==> flow/design.v <==
module alu_relation #(
  parameter int DATA_W = 24
) (
  input logic clk_i,
  input logic srst,
  input logic [DATA_W-1:0] i_lhs,
  input logic [DATA_W-1:0] i_rhs,
  output logic o_gt,
  output logic o_same
);
  logic [DATA_W-1:0] r_lhs;
  logic [DATA_W-1:0] r_rhs;
  always_ff @(posedge clk_i) begin
    if (srst) begin
      r_lhs <= '0;
      r_rhs <= '0;
    end else begin
      r_lhs <= i_lhs;
      r_rhs <= i_rhs;
    end
  end
  localparam int GROUPS = DATA_W / 4;
  logic [GROUPS:0] g;
  logic [GROUPS:0] e;
  assign g[0] = 1'b0;
  assign e[0] = 1'b1;
  generate
    for (genvar ii = 0; ii < GROUPS; ii++) begin : u_g
      nib_cmp inst (.a(r_lhs[4*ii +: 4]), .b(r_rhs[4*ii +: 4]), .gi(g[ii]), .ei(e[ii]), .go(g[ii+1]), .eo(e[ii+1]));
    end
  endgenerate
  always_ff @(posedge clk_i) begin
    if (srst) begin
      o_gt <= 1'b0;
      o_same <= 1'b0;
    end else begin
      o_gt <= g[GROUPS];
      o_same <= e[GROUPS];
    end
  end
endmodule
module nib_cmp (
  input logic [3:0] a,
  input logic [3:0] b,
  input logic gi,
  input logic ei,
  output logic go,
  output logic eo
);
  assign go = (a > b) | ((a == b) & gi);
  assign eo = (a == b) & ei;
endmodule
## Reports on alu_relation

What the tools print for alu_relation, step after step.
Lines are those of the file above, counted from 1.
Library cell names are shortened.
A cell with n/a has no value.

| design | value |
|---|---|
| top | alu_relation |
| clock input | clk_i |
| standard-cell library | sky130hd |
| timing corner | tt_025C_1v80 |

## Elaborated design

Yosys after proc, flatten, opt, wreduce and memory -nomap, before mapping. Enables and synchronous resets that opt folds into registers are not counted as muxes. Memory bits, and registers merged into a memory's read port (data or address), are not among the register bits. Print and check cells are not counted. Equal cells are merged and count once.

| operators by class | value |
|---|---|
| add/sub/neg operators | 0 |
| shifts and indexed selects | 0 |
| div/mod/pow operators | 0 |
| bitwise logic cells | 15 |
| reduce/logical cells | 0 |
| mux-type cells | 0 |
| magnitude comparators | 6 |
| equality and inequality tests | 6 |
| multipliers | 0 |

Operators by type and width:

| operator | number |
|---|---|
| 4-bit > comparator | 6 |
| 4-bit == test | 6 |
| 1-bit bitwise AND | 10 |
| 1-bit OR | 5 |

| storage and ports | value |
|---|---|
| output and inout bits | 2 |
| elaborated cells | 31 |
| register bits | 50 |
| input port bits | 50 |
| bits in writable memories | 0 |
| word width x clocked read ports | 0 |
| memory cells | 0 |
| ROM bits | 0 |
| latch bits | 0 |

## Longest topological paths

Longest topological path by Yosys (ltp), each cell counted once; first at word level (registers and memories cut), then after technology mapping (sequential cells cut; the memories' decode and read muxes count).

| logic depth | value |
|---|---|
| depth in word-level cells | 11 |
| ABC_AREA | 0 |
| gate-level depth with buffers | 7 |
| gate-level depth less buffers | 7 |

## Mapped cells and area

The flow's flattened synthesis, as Yosys stat reports it; memories are mapped. The netlist is that of the ABC_AREA named above (0 if unset); the other value can give another one.
The area totals of this step are shown rounded.

Cell types:

| cell type | number | area in all (µm²) |
|---|---|---|
| dfxtp_1 | 50 | 1000.96 |
| nor2b_1 | 51 | 319.056 |
| ha_1 | 24 | 300.288 |
| inv_1 | 27 | 101.347 |
| a21oi_1 | 8 | 40.038 |
| o31ai_1 | 3 | 22.522 |
| nand4_4 | 1 | 21.27 |
| clkbuf_1 | 5 | 18.768 |
| and4_1 | 2 | 17.517 |
| o211ai_1 | 2 | 15.014 |
| nand4_1 | 2 | 12.512 |
| nand4_2 | 1 | 12.512 |
| nand2_1 | 3 | 11.261 |
| nor3_2 | 1 | 10.01 |
| o21ai_0 | 2 | 10.01 |
| a21o_2 | 1 | 8.758 |
| a41oi_1 | 1 | 8.758 |
| a21o_1 | 1 | 7.507 |

Not listed: further types 8, cells in them 8.

| synthesis totals | value |
|---|---|
| mapped flip-flops | 50 |
| area of sequential cells | 1000 µm² |
| buffers | 5 |
| mapped area | 2000 µm² |
| cells in the netlist | 193 |

The figures by module come from a second, unflattened synthesis with its own total; it is not the netlist above.

| second synthesis, totals | value |
|---|---|
| cell total of the unflattened synthesis | 203 |
| area total of the unflattened synthesis | 2000 µm² |

Each row is one instance without its submodules.

By module:

| module | cells | times used | seq. area (µm²) | area (µm²) |
|---|---|---|---|---|
| alu_relation | 107 | 1 | 1000 | 1300 |
| nib_cmp | 16 | 6 | 0.0 | 110 |

## Worst setup path after synthesis

OpenSTA on the mapped netlist: ideal clock, no wires. The path of least setup slack (recovery checks aside). Input and output delay are each 20% of the period. Register names are those of the netlist, which keeps one name where synthesis merged equal registers.

| timing post-synthesis | value |
|---|---|
| kind | reg2reg |
| start | register r_rhs[15] |
| end | register o_same |
| clock period | 1.77 ns |
| setup slack | 0.353 ns |
| required time | 1.697 ns |
| data arrival time | 1.344 ns |
| library setup time | 0.073 ns |
| path buffers | 0 |
| driving pins on the path | 6 |
| delay of the path | 1.417 ns |
| launch time at the first pin | 0.000 ns |
| synthesis period reached | 1.417 ns |

"delay of the path" = arrival - input delay + setup time.
"driving pins on the path" counts driving pins, that of a launching flip-flop among them; a cell with two outputs on the path counts twice.
"synthesis period reached" = period - worst setup slack (recovery checks aside). The figure is calculated, with input and output delays left at 20% of the set period.
Between the ends stands the longest chain of elaborated cells between them, by number of cells; it is not shown to be the way that was timed. Of several equally long chains one is given.
A line is the first line of the expression or statement that the cell stems from. Yosys adds cells for indexed reads and writes and turns some case tables into memories.

| between the ends, post-synthesis | value |
|---|---|
| cell sequence | dfxtp_1 inv_1 ha_1 nand4_2 or4_1 nor3_2 |
| length of the longest elaborated chain | 4 |
| elaborated cells between the ends (all ways) | 4 |
| classes of those cells | 1 x eq/ne; 3 x logic |

RTL lines, path post-synthesis:

| element | line | text |
|---|---|---|
| from (decl) | 12 | `logic [DATA_W-1:0] r_rhs;` |
| from (assign) | 16 | `r_rhs <= '0;` |
| from (assign) | 19 | `r_rhs <= i_rhs;` |
| 4-bit == test | 51 | `assign eo = (a == b) & ei;` |
| 1-bit bitwise AND (3 in a row) | 51 |  |
| to (assign) | 35 | `o_same <= 1'b0;` |
| to (assign) | 38 | `o_same <= e[GROUPS];` |
| to (decl) | 9 | `output logic o_same` |

## Timing after layout

From the final timing report of flow run 1: the path of least setup slack in the routed layout; clock arrival at registers is part of the times.

| timing after layout | value |
|---|---|
| kind | reg2out |
| start | register o_gt |
| end | output o_gt |
| clock period | 2.48 ns |
| data arrival time | 1.24 ns |
| path buffers | 1 |
| external output delay | 0.50 ns |
| required time | 1.98 ns |
| setup slack | 0.74 ns |
| driving pins on the path | 2 |
| launch time at the first pin | 0.37 ns |

| between the ends, after layout | value |
|---|---|
| cell sequence | dfxtp_1 clkdlybuf4s50_1 |
| length of the longest elaborated chain | 0 |
| elaborated cells between the ends (all ways) | 0 |
| RTL lines with such cells | 0 |

RTL lines, path after layout:

| element | line | text |
|---|---|---|
| from (decl) | 8 | `output logic o_gt,` |
| from (assign) | 34 | `o_gt <= 1'b0;` |
| from (assign) | 37 | `o_gt <= g[GROUPS];` |
| to (decl) | 8 |  |

# Flow runs of alu_relation

Below are 3 stored runs of the flow (Yosys, OpenROAD; platform sky130hd) on alu_relation, each with its settings and what was measured, unordered. Constraints: input delay and output delay 20% of the set period each, output load 0.01 pF.
"achieved period" = clock period - worst setup slack. The figure is calculated, with input and output delays left at 20% of the set period.
By "time on the worst setup path" is meant the share of the clock period that the worst setup path is allowed (20% is reserved at inputs, 20% at outputs), minus its slack. Clock arrival times at its registers enter into it.
"power consumption" is the tool's figure for a default switching activity; nothing was simulated.
Results are given in rounded form.

#### Flow run 1

| setting | value |
|---|---|
| period_ns | `2.48` |
| CORE_UTILIZATION | `70` |
| SETUP_SLACK_MARGIN | `0.52` |
| PLACE_DENSITY | `0.68` |
| CORE_ASPECT_RATIO | `1.22` |
| CTS_CLUSTER_DIAMETER | `118` |
| CAP_MARGIN | `20` |
| CORE_MARGIN | `2` |
| SLEW_MARGIN | `20` |

| result | value |
|---|---|
| die size | 3300 µm² |
| worst hold slack in the final report | 0.63 ns |
| cell area after synthesis | 2000 µm² |
| area of the standard cells in the finished layout | 2600 µm² |
| achieved period | 1.736 ns |
| power consumption | 1500 uW |
| time on the worst setup path | 1.24 ns |
| class of the worst setup path | reg2out |
| setup TNS | 0.000 ns |
| setup slack of the critical path | 0.74 ns |
| utilization | 0.94 |

#### Flow run 2

| setting | value |
|---|---|
| period_ns | `1.66` |
| CORE_UTILIZATION | `50` |
| SETUP_SLACK_MARGIN | `0.05` |
| PLACE_DENSITY | `0.52` |
| GPL_ROUTABILITY_DRIVEN | `1` |
| CTS_CLUSTER_SIZE | `18` |
| CTS_CLUSTER_DIAMETER | `65` |
| CAP_MARGIN | `20` |
| CORE_MARGIN | `2` |
| SLEW_MARGIN | `20` |

| result | value |
|---|---|
| die size | 4500 µm² |
| worst hold slack in the final report | 0.38 ns |
| cell area after synthesis | 2000 µm² |
| area of the standard cells in the finished layout | 2700 µm² |
| achieved period | 1.537 ns |
| power consumption | 2300 uW |
| time on the worst setup path | 1.54 ns |
| class of the worst setup path | reg2reg |
| setup TNS | 0.000 ns |
| setup slack of the critical path | 0.12 ns |
| utilization | 0.72 |

#### Flow run 3

| setting | value |
|---|---|
| period_ns | `1.77` |
| CAP_MARGIN | `20` |
| CORE_MARGIN | `2` |
| CORE_UTILIZATION | `40` |
| SLEW_MARGIN | `20` |

| result | value |
|---|---|
| die size | 5500 µm² |
| worst hold slack in the final report | 0.42 ns |
| cell area after synthesis | 2000 µm² |
| area of the standard cells in the finished layout | 2700 µm² |
| achieved period | 1.583 ns |
| power consumption | 2300 uW |
| time on the worst setup path | 1.58 ns |
| class of the worst setup path | reg2reg |
| setup TNS | 0.000 ns |
| setup slack of the critical path | 0.19 ns |
| utilization | 0.56 |
